==> flow/design.v <==
module core_add_core_top #(
    parameter XLEN = 72
) (
    input aclk,
    input resetn,
    input [XLEN-1:0] opa,
    input [XLEN-1:0] opb,
    input carry_in,
    output reg [XLEN-1:0] result,
    output reg ovf
);
    wire [XLEN:0] r;
    assign r = opa + opb + carry_in;
    always @(posedge aclk or negedge resetn) begin
        if (!resetn) begin
            result <= 0;
            ovf <= 1'b0;
        end else begin
            result <= r[XLEN-1:0];
            ovf <= r[XLEN];
        end
    end
endmodule
# Step by step through the tools: core_add_core_top

Tool output for the design above, in the order of the flow.
Line numbers count from 1 in the design file above.
Cell names lack the library's common part.
The mark n/a stands for no value.

Top module: core_add_core_top
Clock input: aclk
Standard-cell library: sky130hd
Timing corner: tt_025C_1v80

# Word-level counts

Yosys after proc, flatten, opt, wreduce and memory -nomap, before mapping. Enables and synchronous resets that opt folds into registers are not counted as muxes. Memory bits, and registers merged into a memory's read port (data or address), are not among the register bits. Print and check cells are not counted. Equal cells are merged and count once.

Add/sub/neg operators: 2

Operators with widths:

| cell                    | number |
| adder 72 x 72 -> 73 bit | 1 |
| adder 73 x 1 -> 73 bit  | 1 |

Register bits: 73
Input port bits: 147

# Longest topological paths

Yosys ltp: most cells in a row. Word level: on the elaborated netlist, between registers, memories and ports. Mapped: between sequential cells and ports; inverters and the memories' decode and read muxes count.

Depth after elaboration: 2
ABC_AREA: 0
Gate-level depth with buffers: 11
Depth with buffers taken out: 11

# Mapped cells and area

Source: synth_stat.txt of the flow (Yosys; design flattened, memories mapped). It holds for the ABC_AREA given above (unset counts as 0); a run with the other value may have another netlist.
The area totals of this step are shown rounded.

Cell count: 717
Synthesis area: 6,260 um^2
Area of sequential cells: 1,830 um^2
Flip-flops: 73

Cells by type:

| cell type | number |
| dfrtp_1   | 73 |
| ha_1      | 71 |
| a21oi_1   | 88 |
| xnor2_1   | 36 |
| nand2_1   | 72 |
| xor2_1    | 30 |
| o21ai_0   | 43 |
| nor2_1    | 54 |
| a21o_1    | 26 |
| nand4_1   | 26 |
| o21bai_1  | 17 |
| a211oi_1  | 12 |
| o21a_1    | 10 |
| nor3_1    | 12 |
| clkbuf_1  | 15 |
| inv_1     | 15 |
| buf_2     | 11 |
| o31ai_1   | 7 |

Other cell types: 47; their cells: 99.

# Path before layout

Source: OpenSTA report_checks on the synthesized netlist (no wires, ideal clock, input and output delay 20% of the period each), path of least setup slack; recovery checks are left aside. Register names are those of the netlist, which keeps one name where synthesis merged equal registers.

Path type: input-to-reg
From: input port opa[0]
To: register result[64]
Clock period: 4.44 ns
Library setup time: 0.135 ns
Time at the first pin: 0.888 ns
Arrival time: 3.595 ns
Data required time: 4.305 ns
Setup slack: 0.710 ns
Delay of the path: 2.842 ns
Stages on the path: 11
Period reached after synthesis: 3.73 ns

"delay of the path" = arrival - input delay + setup time.
"stages on the path": output pins that drive a net of the path, with the launching flip-flop's if there is one; two outputs of one cell count as two.
"period reached after synthesis" = period - worst setup slack (recovery checks aside). The figure is calculated, with input and output delays left at 20% of the set period.
The rows between start and end are the longest chain of elaborated cells between them; the timing report does not say that the signal goes this way. Where chains are equally long, one stands for them.
Each line given opens the expression or statement behind the cell; cells for indexed reads and writes are added by Yosys, which also makes memories of some case tables.

Cells stage by stage: fa_1 -> fa_1 -> a21oi_1 -> o211ai_2 -> a31oi_1 -> a21oi_1 -> a31oi_2 -> o21ai_2 -> a211oi_2 -> o31ai_1 -> xor2_1
Cells in the longest elaborated chain: 2
Elaborated cells between the ends (all ways): 2
Source lines of those cells: 1
Classes of those cells: 2 x add/sub

RTL lines, path after synthesis:

| item                    | line | RTL |
| from (decl)             | 6    | `input [XLEN-1:0] opa,` |
| adder 72 x 72 -> 73 bit | 13   | `assign r = opa + opb + carry_in;` |
| adder 73 x 1 -> 73 bit  | 13   |  |
| to (assign)             | 16   | `result <= 0;` |
| to (assign)             | 19   | `result <= r[XLEN-1:0];` |
| to (decl)               | 9    | `output reg [XLEN-1:0] result,` |

# Timing after layout

Path of least setup slack in the final report of run 2 (OpenROAD, finished layout, wires in). Where an end is a register, its clock arrival counts in the times.

Path type: input-to-reg
From: input port opa[0]
To: register result[66]
Clock period: 4.44 ns
Library setup time: 0.12 ns
Time at the first pin: 0.89 ns
Arrival time: 4.22 ns
Data required time: 4.65 ns
Setup slack: 0.43 ns
Stages on the path: 14

The rows between start and end are the longest chain of elaborated cells between them; the timing report does not say that the signal goes this way. Where chains are equally long, one stands for them.

Cells stage by stage: clkdlybuf4s50_1 -> fa_1 -> fa_1 -> a21oi_1 -> o211ai_2 -> a31oi_1 -> buf_4 -> a211oi_2 -> o31ai_1 -> buf_4 -> o211ai_2 -> a31oi_2 -> o21bai_1 -> xor2_1
Cells in the longest elaborated chain: 2
Elaborated cells between the ends (all ways): 2
Source lines of those cells: 1
Classes of those cells: 2 x add/sub

RTL lines, path post-layout:

| item                    | line | RTL |
| from (decl)             | 6    | `input [XLEN-1:0] opa,` |
| adder 72 x 72 -> 73 bit | 13   | `assign r = opa + opb + carry_in;` |
| adder 73 x 1 -> 73 bit  | 13   |  |
| to (assign)             | 16   | `result <= 0;` |
| to (assign)             | 19   | `result <= r[XLEN-1:0];` |
| to (decl)               | 9    | `output reg [XLEN-1:0] result,` |

==> runs of core_add_core_top <==
Top module core_add_core_top; platform sky130hd; tools Yosys and OpenROAD; 3 stored runs in no particular order. Input and output delays are each 20% of the period that was set; the output load is 0.01 pF.
"achieved period" = clock period - worst setup slack. The figure is calculated, with input and output delays left at 20% of the set period.
"allowed time less slack (worst setup path)" is the time allowed to the run's worst setup path (the clock period less input and output delay, where it has them) less its slack. Clock arrival times count: a late capture clock shortens it, a late launch clock lengthens it.
"power consumption": no workload was simulated; the value follows from the tool's default switching activity.
Results are given in rounded form.
Among the settings, -- means not set for that run.
Among the results, -- means that no value is shown for the run.

| item                                            | run 1 | run 2        | run 3 |
| period_ns                                       | 6.73  | 4.44         | 6.28  |
| CORE_UTILIZATION                                | 60    | 40           | 49    |
| SETUP_SLACK_MARGIN                              | 1.76  | --           | --    |
| PLACE_DENSITY_LB_ADDON                          | 0.19  | --           | 0.06  |
| CORE_ASPECT_RATIO                               | 1.5   | --           | --    |
| CELL_PAD_IN_SITES_GLOBAL_PLACEMENT              | 0     | --           | 3     |
| CELL_PAD_IN_SITES_DETAIL_PLACEMENT              | 2     | --           | --    |
| TNS_END_PERCENT                                 | 60    | --           | --    |
| GPL_TIMING_DRIVEN                               | 1     | --           | 1     |
| CTS_CLUSTER_DIAMETER                            | 292   | --           | 218   |
| CAP_MARGIN                                      | 20    | 20           | 15    |
| MIN_ROUTING_LAYER                               | met2  | --           | --    |
| CORE_MARGIN                                     | 2     | 2            | 2     |
| SLEW_MARGIN                                     | 20    | 20           | 25    |
| CTS_CLUSTER_SIZE                                | --    | --           | 43    |
| allowed time less slack (worst setup path) (ns) | --    | 3.12         | --    |
| class of the worst setup path                   | --    | input-to-reg | --    |
| total negative slack on setup checks (ns)       | --    | 0.000        | --    |
| standard-cell area after layout (um^2)          | --    | 8,900        | --    |
| mapped cell area after synthesis (um^2)         | --    | 6,260        | --    |
| worst setup slack after layout (ns)             | --    | 0.431        | --    |
| final utilization (%)                           | --    | 58.3         | --    |
| die outline area (um^2)                         | --    | 16,700       | --    |
| power consumption (µW)                          | --    | 2,890        | --    |
| achieved period (ns)                            | --    | 4.009        | --    |

Run 1: stopped before the end: placement reported a tool error
Run 3: stopped before the end: placement reported FLW-0024
